==> flow/design.v <==
module alu_switch_v2 #(
  parameter int DWIDTH = 24,
  parameter int NIN = 2,
  parameter int SW = $clog2(NIN)
) (
  input logic ck,
  input logic rst_n,
  input logic [NIN*DWIDTH-1:0] ch,
  input logic [SW-1:0] sel,
  output logic [DWIDTH-1:0] z_o
);
  logic [NIN*DWIDTH-1:0] r_ch;
  always_ff @(posedge ck) begin
    if (!rst_n) begin
      r_ch <= 0;
    end else begin
      r_ch <= ch;
    end
  end
  logic [SW-1:0] r_sel;
  always_ff @(posedge ck) begin
    if (!rst_n) begin
      r_sel <= 0;
    end else begin
      r_sel <= sel;
    end
  end
  wire [DWIDTH-1:0] n_ [1:2*NIN-1];
  for (genvar ii = 0; ii < NIN; ii++) begin : g_bit
    assign n_[NIN+ii] = r_ch[ii*DWIDTH +: DWIDTH];
  end
  for (genvar ii = 1; ii < NIN; ii++) begin : slice
    assign n_[ii] = r_sel[SW - $clog2(ii+1)] ? n_[2*ii+1] : n_[2*ii];
  end
  assign z_o = n_[1];
endmodule
## Reports on alu_switch_v2

What the tools print for alu_switch_v2, step after step.
Line numbers count from 1 in the design file above.
Cell names lack the library's common part.
The mark -- stands for no value.

| inputs | value |
|---|---|
| top | alu_switch_v2 |
| clock port | ck |
| library | sky130hd |
| library corner | tt_025C_1v80 |

## Word level

Source: Yosys, flattened and elaborated. Widths are those after wreduce; folded enables and synchronous resets count as part of the registers. Registers that Yosys merges into a memory's read port (data or address) are not register bits. Print and check cells do not count. Equal cells are merged and count once.

| bit counts | value |
|---|---|
| register bits after elaboration | 49 |
| output and inout port bits | 24 |
| bits of input ports | 51 |
| memory bits (writable) | 0 |
| word width x clocked read ports | 0 |
| word-level cells | 3 |
| ROM bits | 0 |
| memories | 0 |
| latch bits | 0 |

| operators by class | value |
|---|---|
| reduce/logical cells | 0 |
| divide/modulo/power cells | 0 |
| equal/unequal tests | 0 |
| bitwise logic cells | 0 |
| shifts and indexed selects | 0 |
| mux-type cells | 1 |
| $mul | 0 |
| $add $sub $neg | 0 |
| order comparisons | 0 |

Operators by type and width:

| kind | count |
|---|---|
| two-way mux 24 bit | 1 |

## Longest topological paths

Yosys ltp: most cells in a row. Word level: on the elaborated netlist, between registers, memories and ports. Mapped: between sequential cells and ports; inverters and the memories' decode and read muxes count.

| logic depth | value |
|---|---|
| depth after elaboration | 1 |
| ABC_AREA | 0 |
| depth in mapped cells | 3 |
| mapped depth without buffers | 1 |

## Netlist

The flow's flattened synthesis, as Yosys stat reports it; memories are mapped. The netlist is that of the ABC_AREA named above (0 if unset); the other value can give another one.

| synthesis totals | value |
|---|---|
| mapped cells | 130 |
| mapped flip-flops | 49 |
| buffer cells | 8 |
| mapped area | 1705.4 um^2 |
| sequential part of the area | 980.9 um^2 |

Cells by type:

| type | count | total area (um^2) |
|---|---|---|
| dfxtp_1 | 49 | 980.941 |
| and2_1 | 49 | 306.544 |
| mux2_4 | 20 | 300.288 |
| mux2_2 | 4 | 45.043 |
| buf_12 | 2 | 40.038 |
| buf_6 | 1 | 11.261 |
| clkbuf_1 | 3 | 11.261 |
| buf_2 | 1 | 5.005 |
| clkbuf_2 | 1 | 5.005 |

## Timing after synthesis

OpenSTA on the mapped netlist: ideal clock, no wires. The path of least setup slack (recovery checks aside). Input and output delay are each 20% of the period. Register names are those of the netlist, which keeps one name where synthesis merged equal registers.

| timing path after synthesis | value |
|---|---|
| path kind | reg2out |
| from | register r_sel |
| to | output z_o[10] |
| external output delay | 0.274 ns |
| data arrival time | 0.878 ns |
| period | 1.37 ns |
| stages on the path | 4 |
| slack | 0.218 ns |
| delay of the path | 0.878 ns |
| data required time | 1.096 ns |
| time at the first pin | 0.000 ns |
| path buffers | 2 |
| synthesis period reached | 1.152 ns |

"delay of the path" = arrival - input delay + setup time.
A path that ends at an output port has no setup time.
"stages on the path": output pins that drive a net of the path, with the launching flip-flop's if there is one; two outputs of one cell count as two.
"synthesis period reached" is the clock period less the worst setup slack; recovery checks do not enter. This is arithmetic on one report: input and output delays are still those of the set period (20% each).
Between the ends stands the longest chain of elaborated cells between them, by number of cells; it is not shown to be the way that was timed. Of several equally long chains one is given.
A line is the first line of the expression or statement that the cell stems from. Yosys adds cells for indexed reads and writes and turns some case tables into memories.

| on the way, after synthesis | value |
|---|---|
| cells stage by stage | dfxtp_1 > buf_6 > buf_12 > mux2_4 |
| length of the longest elaborated chain | 1 |
| elaborated cells between the ends (all ways) | 1 |
| RTL lines with such cells | 1 |
| classes of those cells | mux: 1 |

Ends and longest elaborated chain, after synthesis:

| what | RTL line | text |
|---|---|---|
| start, declared | 20 | `logic [SW-1:0] r_sel;` |
| start, assigned | 23 | `r_sel <= 0;` |
| start, assigned | 25 | `r_sel <= sel;` |
| two-way mux 24 bit | 33 | `assign n_[ii] = r_sel[SW - $clog2(ii+1)] ? n_[2*ii+1] : n_[2*ii];` |
| end, declared | 10 | `output logic [DWIDTH-1:0] z_o` |

## Worst path after layout

From the final timing report of run 1: the path of least setup slack in the routed layout; clock arrival at registers is part of the times.

| timing path post-layout | value |
|---|---|
| path kind | reg2out |
| from | register r_sel |
| to | output z_o[7] |
| period | 0.999 ns |
| slack | -0.54 ns |
| time at the first pin | 0.29 ns |
| data required time | 0.80 ns |
| external output delay | 0.20 ns |
| data arrival time | 1.34 ns |
| stages on the path | 5 |
| path buffers | 3 |

Between the ends stands the longest chain of elaborated cells between them, by number of cells; it is not shown to be the way that was timed. Of several equally long chains one is given.

| on the way, post-layout | value |
|---|---|
| cells stage by stage | dfxtp_4 > buf_12 > buf_4 > mux2_4 > buf_6 |
| length of the longest elaborated chain | 1 |
| elaborated cells between the ends (all ways) | 1 |
| RTL lines with such cells | 1 |
| classes of those cells | mux: 1 |

Ends and longest elaborated chain, post-layout:

| what | RTL line | text |
|---|---|---|
| start, declared | 20 | `logic [SW-1:0] r_sel;` |
| start, assigned | 23 | `r_sel <= 0;` |
| start, assigned | 25 | `r_sel <= sel;` |
| two-way mux 24 bit | 33 | `assign n_[ii] = r_sel[SW - $clog2(ii+1)] ? n_[2*ii+1] : n_[2*ii];` |
| end, declared | 10 | `output logic [DWIDTH-1:0] z_o` |

Measured data: module alu_switch_v2, platform sky130hd, 3 stored runs of the flow under differing settings, order arbitrary. Input and output delays are each 20% of the period that was set; the output load is 0.01 pF.
"period achieved": clock period set for the run, less the worst setup slack. It is reckoned from that one timing run; input and output delays stay at 20% of the period that was set.
"critical path time" is the time allowed to the run's worst setup path (the clock period less input and output delay, where it has them) less its slack. Clock arrival times count: a late capture clock shortens it, a late launch clock lengthens it.
"total power of the final layout": no workload was simulated; the value follows from the tool's default switching activity.
Among the settings, . means not set for that run.

| run name | period_ns | CORE_UTILIZATION | PLACE_DENSITY | HOLD_SLACK_MARGIN | TNS_END_PERCENT | ABC_AREA | SLEW_MARGIN | MIN_ROUTING_LAYER | MAX_ROUTING_LAYER | CAP_MARGIN | CORE_MARGIN | PLACE_DENSITY_LB_ADDON | CORE_ASPECT_RATIO | CTS_CLUSTER_SIZE | area of the synthesized netlist (um^2) | die area (um^2) | standard-cell area after routing (um^2) | post-route utilization (%) | setup slack of the worst path (ns) | setup total negative slack (ns) | worst hold slack in the final report (ns) | total power of the final layout (mW) | period achieved (ns) | critical path time (ns) | worst path kind |
|---|---|---|---|---|---|---|---|---|---|---|---|---|---|---|---|---|---|---|---|---|---|---|---|---|---|
| run 1 | 0.999 | 39 | 0.42 | 0.25 | 90 | 0 | 30 | met2 | met4 | 20 | 2 | . | . | . | 1705.4 | 4917.5 | 2737.6 | 63.8 | -0.544 | -11.911 | 0.461 | 3.886 | 1.543 | 1.34 | reg2out |
| run 2 | 1.37 | 40 | . | . | . | . | 20 | . | . | 20 | 2 | . | . | . | 1705.4 | 4801.8 | 2630.0 | 64.8 | -0.163 | -3.590 | 0.539 | 2.772 | 1.533 | 1.26 | reg2out |
| run 3 | 1.91 | 55 | . | . | . | 0 | 15 | . | . | 20 | 3 | 0.09 | 0.66 | 45 | 1705.4 | 3819.4 | 2537.4 | 91.4 | 0.055 | 0.000 | 0.650 | 1.994 | 1.855 | 1.47 | reg2out |
